==> flow/design.v <==
module ex_as_core_stage #(
    parameter integer DATA_WIDTH = 20
) (
    input  logic aclk,
    input  logic rst_n,
    input  logic [DATA_WIDTH-1:0] da_i,
    input  logic [DATA_WIDTH-1:0] db_i,
    input  logic subtract_i,
    output logic [DATA_WIDTH-1:0] result_o,
    output logic carry_out_o
);
    logic [DATA_WIDTH-1:0] r_da;
    always_ff @(posedge aclk) begin
        if (!rst_n) begin
            r_da <= 0;
        end else begin
            r_da <= da_i;
        end
    end
    logic [DATA_WIDTH-1:0] r_db;
    always_ff @(posedge aclk) begin
        if (!rst_n) begin
            r_db <= 0;
        end else begin
            r_db <= db_i;
        end
    end
    logic r_subtract;
    always_ff @(posedge aclk) begin
        if (!rst_n) begin
            r_subtract <= 1'b0;
        end else begin
            r_subtract <= subtract_i;
        end
    end
    logic [DATA_WIDTH-1:0] aux;
    assign aux = r_db ^ {DATA_WIDTH{r_subtract}};
    logic [DATA_WIDTH:0] val;
    assign val = r_da + aux + r_subtract;
    assign result_o = val[DATA_WIDTH-1:0];
    assign carry_out_o = val[DATA_WIDTH];
endmodule
=== Step by step through the tools: ex_as_core_stage ===
What the tools print for ex_as_core_stage, step after step.
Line numbers count from 1 in the design file above.
Cell names lack the library's common part.
Not given: --

* Top: ex_as_core_stage
* Clock input: aclk
* Cell library: sky130hd
* Library corner: tt_025C_1v80

=== Elaborated design ===
Counts by Yosys on the flattened word-level netlist (proc, flatten, opt, wreduce; memories kept). Register bits leave out memories and registers merged into their read ports (data or address); mux counts leave out enables and synchronous resets folded into registers. Print and check cells are left out. Cells with the same type and inputs are merged into one.

* Flip-flop bits (word level): 41
* Input port bits: 43
* Output and inout bits: 21
* Word-level cells: 6

* $add $sub $neg: 2
* Bitwise gates (word level): 1

{| class="wikitable"
|+ Operator list
! operator !! number
|-
| 20-bit by 20-bit adder with 21-bit output || 1
|-
| 21-bit by 1-bit adder with 21-bit output || 1
|-
| 20-bit XOR || 1
|}

=== Longest topological paths ===
Longest topological path by Yosys (ltp), each cell counted once; first at word level (registers and memories cut), then after technology mapping (sequential cells cut; the memories' decode and read muxes count).

* Word-level depth: 3
* ABC_AREA: 0
* Gate-level depth with buffers: 11
* Gate-level depth less buffers: 9

=== Netlist ===
Source: synth_stat.txt of the flow (Yosys; design flattened, memories mapped). It holds for the ABC_AREA given above (unset counts as 0); a run with the other value may have another netlist.

{| class="wikitable"
|+ Cell types
! type !! number !! area in all (um^2)
|-
| dfxtp_1 || 41 || 820.787
|-
| and2_1 || 42 || 262.752
|-
| ha_1 || 19 || 237.728
|-
| xor2_1 || 26 || 227.718
|-
| xnor2_1 || 11 || 96.342
|-
| a21o_1 || 8 || 60.058
|-
| a21oi_1 || 12 || 60.058
|-
| nor2_1 || 13 || 48.797
|-
| nand2_1 || 12 || 45.043
|-
| o21ai_0 || 7 || 35.034
|-
| o21a_1 || 4 || 30.029
|-
| nand3_1 || 5 || 25.024
|-
| clkbuf_1 || 6 || 22.522
|-
| inv_1 || 6 || 22.522
|-
| a31oi_4 || 1 || 21.27
|-
| buf_2 || 4 || 20.019
|-
| fa_1 || 1 || 20.019
|-
| o311ai_2 || 1 || 16.266
|}

Not listed: further types 21, cells in them 29.

* Cells in the netlist: 248
* Chip area (Yosys): 2307.2 um^2
* Area of sequential cells: 820.8 um^2
* Mapped flip-flops: 41
* Buffers: 10

=== Worst setup path after synthesis ===
Path of least setup slack by OpenSTA after synthesis, without wires, with an ideal clock, recovery checks aside; 20% of the period is set as input and as output delay. Where synthesis merged equal registers, the netlist keeps one of their names.

* Path kind: register to output
* From: reg r_subtract
* To: out result_o[18]
* Clock period: 3.88 ns
* External output delay: 0.776 ns
* Data arrival time: 2.485 ns
* Required time: 3.104 ns
* Slack: 0.619 ns
* Path delay: 2.485 ns
* Driving pins on the path: 11
* Synthesis period reached: 3.261 ns

"path delay" = arrival - input delay + setup time.
At an output port there is no setup time.
"driving pins on the path": output pins that drive a net of the path, with the launching flip-flop's if there is one; two outputs of one cell count as two.
"synthesis period reached" is the clock period less the worst setup slack; recovery checks do not enter. This is arithmetic on one report: input and output delays are still those of the set period (20% each).
Between the ends stands the longest chain of elaborated cells between them, by number of cells; it is not shown to be the way that was timed. Of several equally long chains one is given.
Each line given opens the expression or statement behind the cell; cells for indexed reads and writes are added by Yosys, which also makes memories of some case tables.

* Cells stage by stage: dfxtp_1 -> buf_2 -> buf_2 -> xor2_1 -> ha_1 -> nor2b_1 -> o311ai_2 -> a31oi_1 -> nand2_1 -> nand3_1 -> o311ai_1
* Cells in the longest elaborated chain: 3

{| class="wikitable"
|+ Ends and longest elaborated chain, post-synthesis
! what !! line !! RTL
|-
| start: declaration || 28 || <nowiki>logic r_subtract;</nowiki>
|-
| start: assignment || 31 || <nowiki>r_subtract <= 1'b0;</nowiki>
|-
| start: assignment || 33 || <nowiki>r_subtract <= subtract_i;</nowiki>
|-
| 20-bit XOR || 37 || <nowiki>assign aux = r_db ^ {DATA_WIDTH{r_subtract}};</nowiki>
|-
| 20-bit by 20-bit adder with 21-bit output || 39 || <nowiki>assign val = r_da + aux + r_subtract;</nowiki>
|-
| 21-bit by 1-bit adder with 21-bit output || 39 ||
|-
| end: declaration || 9 || <nowiki>output logic [DATA_WIDTH-1:0] result_o,</nowiki>
|}

=== Worst path after layout ===
From the final timing report of run 1: the path of least setup slack in the routed layout; clock arrival at registers is part of the times.

* Path kind: register to output
* From: reg r_subtract
* To: out result_o[17]
* Clock period: 2.64 ns
* External output delay: 0.53 ns
* Data arrival time: 2.55 ns
* Required time: 2.11 ns
* Slack: -0.44 ns
* Driving pins on the path: 10

Between the ends stands the longest chain of elaborated cells between them, by number of cells; it is not shown to be the way that was timed. Of several equally long chains one is given.

* Cells stage by stage: dfxtp_4 -> xor2_1 -> ha_1 -> o21a_1 -> o21a_1 -> a31oi_4 -> o21bai_4 -> a221oi_2 -> xnor2_1 -> buf_2
* Cells in the longest elaborated chain: 3

{| class="wikitable"
|+ Ends and longest elaborated chain, post-layout
! what !! line !! RTL
|-
| start: declaration || 28 || <nowiki>logic r_subtract;</nowiki>
|-
| start: assignment || 31 || <nowiki>r_subtract <= 1'b0;</nowiki>
|-
| start: assignment || 33 || <nowiki>r_subtract <= subtract_i;</nowiki>
|-
| 20-bit XOR || 37 || <nowiki>assign aux = r_db ^ {DATA_WIDTH{r_subtract}};</nowiki>
|-
| 20-bit by 20-bit adder with 21-bit output || 39 || <nowiki>assign val = r_da + aux + r_subtract;</nowiki>
|-
| 21-bit by 1-bit adder with 21-bit output || 39 ||
|-
| end: declaration || 9 || <nowiki>output logic [DATA_WIDTH-1:0] result_o,</nowiki>
|}

Memo
Re: implementation data of ex_as_core_stage

Stored flow runs of ex_as_core_stage (3 of them; Yosys, OpenROAD, sky130hd). They differ in their settings and are not a sequence. Constraints: input delay and output delay 20% of the set period each, output load 0.01 pF.
"clock period achieved": clock period set for the run, less the worst setup slack. It is reckoned from that one timing run; input and output delays stay at 20% of the period that was set.
"total design power": no workload was simulated; the value follows from the tool's default switching activity.

=== Run 1 ===
{| class="wikitable"
! Setting !! Value
|-
| period_ns || 2.64
|-
| CORE_UTILIZATION || 22
|-
| SETUP_SLACK_MARGIN || 0.38
|-
| PLACE_DENSITY_LB_ADDON || 0.05
|-
| TNS_END_PERCENT || 55
|-
| ABC_AREA || 0
|-
| CTS_CLUSTER_SIZE || 41
|-
| CAP_MARGIN || 20
|-
| CORE_MARGIN || 2
|-
| SLEW_MARGIN || 20
|-
! Result !! Value
|-
| Area of the synthesized netlist || 2307.2 um^2
|-
| Overall die area || 11322.0 um^2
|-
| Standard-cell area after routing || 3883.7 um^2
|-
| Final utilization || 38.0 %
|-
| Worst setup slack after layout || -0.436 ns
|-
| Setup TNS || -4.968 ns
|-
| Total design power || 1.887 mW
|-
| Clock period achieved || 3.076 ns
|}

=== Run 2 ===
{| class="wikitable"
! Setting !! Value
|-
| period_ns || 4.82
|-
| CORE_UTILIZATION || 61
|-
| SETUP_SLACK_MARGIN || 1.44
|-
| CORE_MARGIN || 4
|-
| CELL_PAD_IN_SITES_GLOBAL_PLACEMENT || 0
|-
| CAP_MARGIN || 20
|-
| SLEW_MARGIN || 20
|}
Not finished: routing ended with error DPL-0033.

=== Run 3 ===
{| class="wikitable"
! Setting !! Value
|-
| period_ns || 3.88
|-
| CAP_MARGIN || 20
|-
| CORE_MARGIN || 2
|-
| CORE_UTILIZATION || 40
|-
| SLEW_MARGIN || 20
|-
! Result !! Value
|-
| Area of the synthesized netlist || 2307.2 um^2
|-
| Overall die area || 6391.2 um^2
|-
| Standard-cell area after routing || 3193.1 um^2
|-
| Final utilization || 57.6 %
|-
| Worst setup slack after layout || 0.131 ns
|-
| Setup TNS || 0.000 ns
|-
| Total design power || 1.230 mW
|-
| Clock period achieved || 3.749 ns
|}
